==> flow/design.v <==
module alu_mux_top #(
  parameter integer DW = 12,
  parameter integer N = 8,
  parameter integer SW = $clog2(N)
) (
  input  logic aclk,
  input  logic enable,
  input  logic [N*DW-1:0] ch_i,
  input  logic [SW-1:0] s_i,
  output logic [DW-1:0] z_o_o
);
  wire [DW-1:0] arr [0:N-1];
  generate
    for (genvar g = 0; g < N; g++) begin : gen
      assign arr[g] = ch_i[g*DW +: DW];
    end
  endgenerate
  always_ff @(posedge aclk) begin
    if (enable) begin
      z_o_o <= arr[s_i];
    end
  end
endmodule
# Tool chain data of alu_mux_top
# The steps from the RTL of alu_mux_top to its reports follow in flow order.
# Line numbers count from 1 in the design file above.
# Library cell names are shortened.
# Not given: --
# setup
top,alu_mux_top
clk_port,aclk
cell_library,sky130hd
lib_corner,tt_025C_1v80

# After elaboration
# Counts by Yosys on the flattened word-level netlist (proc, flatten, opt, wreduce; memories kept). Register bits leave out memories and registers merged into their read ports (data or address). Print and check cells are left out. Cells with the same type and inputs are merged into one.
# bits
register_bits,12
latch_bits,0
mem_bits_rw,0
mem_bits_ro,0
clocked_rd_ports_x_width,0
mem_count,0
output_inout_bits,12
elab_cells,10
# op_classes
addsub,0
n_mul,0
n_div,0
n_cmp,0
equal,7
shifts,0
mux,1
bitwise,0
n_reduce_logical,1
# op_table
cell,n
12-bit case mux with 8-bit select,1
3-bit == test (second input constant),4
3-bit by 2-bit == test with 1-bit output (second input constant),2
3-bit by 1-bit == test with 1-bit output (second input constant),1
3-bit logical NOT,1

# Longest topological paths
# Yosys ltp: most cells in a row. Word level: on the elaborated netlist, between registers, memories and ports. Mapped: between sequential cells and ports; inverters and the memories' decode and read muxes count.
# logic_depth
word_depth,2
abc_area,0
depth_mapped,6
depth_no_buf,4

# After synthesis
# The flow's flattened synthesis, as Yosys stat reports it; memories are mapped. The netlist is that of the ABC_AREA named above (0 if unset); the other value can give another one.
# synth_totals
stdcells,125
synth_area_um2,1209.9
sequential_area_um2,360.3
ff_cells,12
n_buf,12
# types
cell_type,n
edfxtp_1,12
mux2i_1,33
a211oi_1,12
o22a_1,9
nor2_1,15
o22ai_1,9
buf_6,4
a21oi_1,5
buf_12,1
nand2_1,5
buf_2,3
buf_8,1
nor3b_1,2
o21ai_0,3
or3_4,1
nand3_1,2
buf_4,1
clkbuf_1,2
# Other cell types: 5; their cells: 5.

# Timing after synthesis
# Source: OpenSTA report_checks on the synthesized netlist (no wires, ideal clock, input and output delay 20% of the period each), path of least setup slack; recovery checks are left aside. Register names are those of the netlist, which keeps one name where synthesis merged equal registers.
# synth_path
path_kind,in2reg
from,input port s_i[0]
to,register z_o_o[10]
tclk_ns,1.74
in_delay_ns,0.348
setup_ns,0.256
arrival_time_ns,1.205
required_ns,1.484
slack_ns,0.278
path_delay_ns,1.113
driving_pins,4
path_buffers,2
synth_period_reached_ns,1.462
# "path_delay_ns" = arrival - input delay + setup time.
# "driving_pins" counts driving pins, that of a launching flip-flop among them; a cell with two outputs on the path counts twice.
# "synth_period_reached_ns" = period - worst setup slack (recovery checks aside). The figure is calculated, with input and output delays left at 20% of the set period.
# The rows between start and end are the longest chain of elaborated cells between them; the timing report does not say that the signal goes this way. Where chains are equally long, one stands for them.
# Each line given opens the expression or statement behind the cell; cells for indexed reads and writes are added by Yosys, which also makes memories of some case tables.
# synth_between
path_cell_list,buf_2 > or3_4 > buf_6 > o22a_1
elab_chain_cells,2
cells_between,9
lines_between,1
classes_between,7 x eq/ne; 1 x mux; 1 x reduce/logical
# synth_rtl
item,line,rtl
start: declaration,9,"input  logic [SW-1:0] s_i,"
3-bit == test,20,z_o_o <= arr[s_i];
12-bit case mux with 8-bit select,20,
end: assignment,20,
end: declaration,10,output logic [DW-1:0] z_o_o

# Timing after layout
# Path of least setup slack in the final report of stored run 3 (OpenROAD, finished layout, wires in). Where an end is a register, its clock arrival counts in the times.
# layout_path
path_kind,in2reg
from,input port s_i[1]
to,register z_o_o[8]
tclk_ns,1.74
in_delay_ns,0.35
setup_ns,0.12
arrival_time_ns,1.77
required_ns,1.91
slack_ns,0.14
driving_pins,5
path_buffers,1
# The rows between start and end are the longest chain of elaborated cells between them; the timing report does not say that the signal goes this way. Where chains are equally long, one stands for them.
# layout_between
path_cell_list,clkdlybuf4s50_1 > or2b_1 > nor2_1 > a211oi_1 > o22a_1
elab_chain_cells,2
cells_between,9
lines_between,1
classes_between,7 x eq/ne; 1 x mux; 1 x reduce/logical
# layout_rtl
item,line,rtl
start: declaration,9,"input  logic [SW-1:0] s_i,"
3-bit == test,20,z_o_o <= arr[s_i];
12-bit case mux with 8-bit select,20,
end: assignment,20,
end: declaration,10,output logic [DW-1:0] z_o_o

# alu_mux_top through Yosys and OpenROAD on sky130hd: 3 stored runs, unordered, with their settings and measured results. The constraints put input and output delay at 20% of the set period each and load the outputs with 0.01 pF.
# By "clock_period_reached_ns" is meant the clock period of the run minus its worst setup slack. This is arithmetic on one report: input and output delays are still those of the set period (20% each).
# "worst_setup_path_time_ns" is the time allowed to the run's worst setup path (the clock period less input and output delay, where it has them) less its slack. Clock arrival times count: a late capture clock shortens it, a late launch clock lengthens it.
# "fin_power_uw" is the tool's figure for a default switching activity; nothing was simulated.
# A setting shown as - is not set for that run.
# Results: - = not shown.
stored run,period_ns,CORE_UTILIZATION,SETUP_SLACK_MARGIN,PLACE_DENSITY,CORE_ASPECT_RATIO,CELL_PAD_IN_SITES_DETAIL_PLACEMENT,ABC_AREA,GPL_ROUTABILITY_DRIVEN,CAP_MARGIN,CORE_MARGIN,SLEW_MARGIN,MIN_ROUTING_LAYER,fin_power_uw,fin_hold_ws_ns,final_setup_ws_ns,clock_period_reached_ns,yosys_chip_area_um2,total_die_area_um2,layout_stdcell_area_um2,layout_utilization_pct,worst_setup_path_time_ns,path_kind,setup_tns_ns
stored run 1,2.49,72,0.4,0.47,0.76,1,1,0,20,2,20,-,-,-,-,-,-,-,-,-,-,-,-
stored run 2,2.62,59,-,0.36,-,0,-,1,20,2,40,met2,-,-,-,-,-,-,-,-,-,-,-
stored run 3,1.74,40,-,-,-,-,-,-,20,2,20,-,1081,0.667,0.144,1.596,1209.9,3480.4,2391.0,85.2,1.25,in2reg,0.000
# Stored run 1: stopped before the end: placement reported GPL-0301
# Stored run 2: stopped before the end: placement reported GPL-0301
